==> flow/design.v <==
module u_shft_stage #(
    parameter integer DW = 56,
    parameter integer LG = $clog2(DW)
) (
    input wire clock,
    input wire [DW-1:0] d_i,
    input wire [LG-1:0] sa_i,
    output wire [DW-1:0] dout_o
);
    reg [DW-1:0] d_q;
    reg [LG-1:0] sa_q;
    always @(posedge clock) begin
        d_q <= d_i;
        sa_q <= sa_i;
    end
    wire [DW-1:0] n_ [0:LG];
    assign n_[0] = d_q;
    genvar k;
    generate
        for (k = 0; k < LG; k = k + 1) begin : gen
            assign n_[k+1] = sa_q[k] ? n_[k] << (1 << k) : n_[k];
        end
    endgenerate
    assign dout_o = n_[LG];
endmodule
# Step by step through the tools: u_shft_stage
# Tool output for the design above, in the order of the flow.
# Line numbers count from 1 in the design file above.
# Not given: --
dict set report design {
  top_module {u_shft_stage}
  clock {clock}
  library {sky130hd}
  lib_corner {tt_025C_1v80}
}

# Word-level counts
# Yosys after proc, flatten, opt, wreduce and memory -nomap, before mapping. Enables and synchronous resets that opt folds into registers are not counted as muxes. Print and check cells are not counted. Equal cells are merged and count once.
dict set report classes {
  mux 6
}
# op count
set op_table {}
lappend op_table {{56-bit two-way mux} 6}
dict set report word_totals {
  regBits 62
  inputBits 63
  elab_cells 8
}

# Depth
# Longest topological path by Yosys (ltp), each cell counted once; first at word level (registers and memories cut), then after technology mapping (sequential cells cut; the memories' decode and read muxes count).
dict set report logic_depth {
  ltp_word 6
  ABC_AREA 0
  ltp_mapped 9
  depth_no_buf 5
}

# Mapped cells and area
# The flow's flattened synthesis, as Yosys stat reports it; memories are mapped. The netlist is that of the ABC_AREA named above (0 if unset); the other value can give another one.
# cell count type_area_um2
set by_type {}
lappend by_type {sky130_fd_sc_hd__mux4_2 64 1.44E+03}
lappend by_type {sky130_fd_sc_hd__dfxtp_1 62 1241.19}
lappend by_type {sky130_fd_sc_hd__mux2i_1 60 600.576}
lappend by_type {sky130_fd_sc_hd__nand2_1 74 277.766}
lappend by_type {sky130_fd_sc_hd__nor2_1 55 206.448}
lappend by_type {sky130_fd_sc_hd__mux2_2 17 191.434}
lappend by_type {sky130_fd_sc_hd__a21oi_1 20 100.096}
lappend by_type {sky130_fd_sc_hd__clkbuf_1 25 93.84}
lappend by_type {sky130_fd_sc_hd__o211ai_1 12 90.086}
lappend by_type {sky130_fd_sc_hd__o21ai_1 17 85.082}
lappend by_type {sky130_fd_sc_hd__a211oi_1 10 75.072}
lappend by_type {sky130_fd_sc_hd__o21ai_0 15 75.072}
lappend by_type {sky130_fd_sc_hd__o22ai_1 12 75.072}
lappend by_type {sky130_fd_sc_hd__buf_2 14 70.067}
lappend by_type {sky130_fd_sc_hd__a22oi_1 7 52.55}
lappend by_type {sky130_fd_sc_hd__mux2_1 4 45.043}
lappend by_type {sky130_fd_sc_hd__nand3_1 9 45.043}
lappend by_type {sky130_fd_sc_hd__nor2b_1 7 43.792}
# Not listed: further types 31, cells in them 72.
dict set report synth_totals {
  n_buf 55
  sequential_area_mm2 0.0012412
  area_mm2 0.0053051
  mapped_cells 556
  flip_flops 62
}

# Path before layout
# Source: OpenSTA report_checks on the synthesized netlist (no wires, ideal clock, input and output delay 20% of the period each), path of least setup slack; recovery checks are left aside. Register names are those of the netlist, which keeps one name where synthesis merged equal registers.
dict set report synth_path {
  path_kind {reg-to-output}
  from {register sa_q[0]}
  to {output port dout_o[48]}
  required_ns 2.552
  path_stages 9
  delay_ns 2.039
  output_delay_ns 0.638
  slack_ns 0.513
  arrival_time_ns 2.039
  period_ns 3.19
  synth_period_reached_ns 2.677
}
# "delay_ns" = arrival - input delay + setup time.
# At an output port there is no setup time.
# "path_stages" counts driving pins, that of a launching flip-flop among them; a cell with two outputs on the path counts twice.
# "synth_period_reached_ns" = period - worst setup slack (recovery checks aside). The figure is calculated, with input and output delays left at 20% of the set period.
# Between the ends stands the longest chain of elaborated cells between them, by number of cells; it is not shown to be the way that was timed. Of several equally long chains one is given.
# A line is the first line of the expression or statement that the cell stems from. Yosys adds cells for indexed reads and writes and turns some case tables into memories.
dict set report synth_via {
  path_cell_list {sky130_fd_sc_hd__dfxtp_1 -> sky130_fd_sc_hd__buf_6 -> sky130_fd_sc_hd__buf_4 -> sky130_fd_sc_hd__buf_2 -> sky130_fd_sc_hd__mux4_2 -> sky130_fd_sc_hd__mux2i_1 -> sky130_fd_sc_hd__nor2_1 -> sky130_fd_sc_hd__a211oi_1 -> sky130_fd_sc_hd__o211ai_1}
  elab_chain_len 6
}
# item line
set synth_rtl {}
lappend synth_rtl {{start: declaration} 11} ;# reg [LG-1:0] sa_q;
lappend synth_rtl {{start: assignment} 14} ;# sa_q <= sa_i;
lappend synth_rtl {{56-bit two-way mux (6 in a row)} 21} ;# assign n_[k+1] = sa_q[k] ? n_[k] << (1 << k) : n_[k];
lappend synth_rtl {{end: declaration} 8} ;# output wire [DW-1:0] dout_o

# Worst path after layout
# Path of least setup slack in the final report of run A (OpenROAD, finished layout, wires in). Where an end is a register, its clock arrival counts in the times.
dict set report layout_path {
  path_kind {reg-to-output}
  from {register sa_q[0]}
  to {output port dout_o[36]}
  path_stages 10
  period_ns 2.21
  slack_ns -0.94
  arrival_time_ns 2.71
  output_delay_ns 0.44
  required_ns 1.77
}
# Between the ends stands the longest chain of elaborated cells between them, by number of cells; it is not shown to be the way that was timed. Of several equally long chains one is given.
dict set report layout_via {
  path_cell_list {sky130_fd_sc_hd__dfxtp_4 -> sky130_fd_sc_hd__buf_4 -> sky130_fd_sc_hd__buf_16 -> sky130_fd_sc_hd__buf_4 -> sky130_fd_sc_hd__mux4_2 -> sky130_fd_sc_hd__mux4_2 -> sky130_fd_sc_hd__buf_4 -> sky130_fd_sc_hd__a21oi_4 -> sky130_fd_sc_hd__o21ai_1 -> sky130_fd_sc_hd__buf_2}
  elab_chain_len 6
}
# item line
set layout_rtl {}
lappend layout_rtl {{start: declaration} 11} ;# reg [LG-1:0] sa_q;
lappend layout_rtl {{start: assignment} 14} ;# sa_q <= sa_i;
lappend layout_rtl {{56-bit two-way mux (6 in a row)} 21} ;# assign n_[k+1] = sa_q[k] ? n_[k] << (1 << k) : n_[k];
lappend layout_rtl {{end: declaration} 8} ;# output wire [DW-1:0] dout_o

## Implementation results

3 stored runs of u_shft_stage in the flow (synthesis by Yosys, layout by OpenROAD, sky130hd cells), in arbitrary order. Constraints: input delay and output delay 20% of the set period each, output load 0.01 pF.
"period_reached_ns" = clock period - worst setup slack. The figure is calculated, with input and output delays left at 20% of the set period.
"worstPathTime_ns" is the time allowed to the run's worst setup path (the clock period less input and output delay, where it has them) less its slack. Clock arrival times count: a late capture clock shortens it, a late launch clock lengthens it.
"power_total_mw" rests on the timing tool's default activity at the inputs, not on a simulated workload.

[flow] run A: files
==> flow/run.sh <==
#!/bin/bash
# the make line also repeats the synthesis and layout settings of config.mk as NAME=value (left out here)
make -C /OpenROAD-flow-scripts/flow DESIGN_CONFIG=/design/flow/config.mk WORK_HOME=/design/flow/orfs CLKGATE_MAP_FILE= finish
==> flow/config.mk <==
export PLATFORM = sky130hd
export DESIGN_NAME = u_shft_stage
export DESIGN_NICKNAME = u_shft_stage
export VERILOG_FILES = /design/flow/design.v
export SDC_FILE = /design/flow/constraint.sdc
export NUM_CORES = 4
export LEC_CHECK = 0
export ABC_AREA = 0
export CAP_MARGIN = 20
export CELL_PAD_IN_SITES_DETAIL_PLACEMENT = 1
export CORE_MARGIN = 2
export CORE_UTILIZATION = 18
export GPL_TIMING_DRIVEN = 1
export HOLD_SLACK_MARGIN = -0.03
export PLACE_DENSITY_LB_ADDON = 0.16
export SETUP_SLACK_MARGIN = 0.32
export SLEW_MARGIN = 20
==> flow/constraint.sdc <==
create_clock -name core_clock -period 2.21 [get_ports {clock}]
set_input_delay 0.4420 -clock core_clock [delete_from_list [all_inputs] [get_ports {clock}]]
set_output_delay 0.4420 -clock core_clock [all_outputs]
set_load 0.01 [all_outputs]

[flow] run A: metrics
[metrics] worstPathTime_ns = 2.71
[metrics] critical_path_type = reg-to-output
[metrics] fin_tns_ns = -39.639
[metrics] synthesis_area_mm2 = 0.0053051
[metrics] power_total_mw = 5.423
[metrics] hold_ws_ns = 0.539
[metrics] finish.utilization_pct = 36.3
[metrics] period_reached_ns = 3.150
[metrics] die_mm2 = 0.0308617
[metrics] worstSetupSlack_ns = -0.940

[flow] run B: files
==> flow/run.sh <==
#!/bin/bash
# the make line also repeats the synthesis and layout settings of config.mk as NAME=value (left out here)
make -C /OpenROAD-flow-scripts/flow DESIGN_CONFIG=/design/flow/config.mk WORK_HOME=/design/flow/orfs CLKGATE_MAP_FILE= finish
==> flow/config.mk <==
export PLATFORM = sky130hd
export DESIGN_NAME = u_shft_stage
export DESIGN_NICKNAME = u_shft_stage
export VERILOG_FILES = /design/flow/design.v
export SDC_FILE = /design/flow/constraint.sdc
export NUM_CORES = 4
export LEC_CHECK = 0
export CAP_MARGIN = 20
export CORE_MARGIN = 2
export CORE_UTILIZATION = 40
export SLEW_MARGIN = 20
==> flow/constraint.sdc <==
create_clock -name core_clock -period 3.19 [get_ports {clock}]
set_input_delay 0.6380 -clock core_clock [delete_from_list [all_inputs] [get_ports {clock}]]
set_output_delay 0.6380 -clock core_clock [all_outputs]
set_load 0.01 [all_outputs]

[flow] run B: metrics
[metrics] worstPathTime_ns = 2.58
[metrics] critical_path_type = reg-to-output
[metrics] fin_tns_ns = -0.060
[metrics] synthesis_area_mm2 = 0.0053051
[metrics] power_total_mw = 3.163
[metrics] hold_ws_ns = 0.734
[metrics] finish.utilization_pct = 62.7
[metrics] period_reached_ns = 3.223
[metrics] die_mm2 = 0.0142003
[metrics] worstSetupSlack_ns = -0.033

[flow] run C: files
==> flow/run.sh <==
#!/bin/bash
# the make line also repeats the synthesis and layout settings of config.mk as NAME=value (left out here)
make -C /OpenROAD-flow-scripts/flow DESIGN_CONFIG=/design/flow/config.mk WORK_HOME=/design/flow/orfs CLKGATE_MAP_FILE= finish
==> flow/config.mk <==
export PLATFORM = sky130hd
export DESIGN_NAME = u_shft_stage
export DESIGN_NICKNAME = u_shft_stage
export VERILOG_FILES = /design/flow/design.v
export SDC_FILE = /design/flow/constraint.sdc
export NUM_CORES = 4
export LEC_CHECK = 0
export CAP_MARGIN = 20
export CELL_PAD_IN_SITES_GLOBAL_PLACEMENT = 3
export CORE_MARGIN = 2
export CORE_UTILIZATION = 71
export CTS_CLUSTER_DIAMETER = 267
export GPL_TIMING_DRIVEN = 1
export PLACE_DENSITY_LB_ADDON = 0.2
export SLEW_MARGIN = 20
==> flow/constraint.sdc <==
create_clock -name core_clock -period 4.81 [get_ports {clock}]
set_input_delay 0.9620 -clock core_clock [delete_from_list [all_inputs] [get_ports {clock}]]
set_output_delay 0.9620 -clock core_clock [all_outputs]
set_load 0.01 [all_outputs]

[flow] run C: no final report: placement broke off with FLW-0024
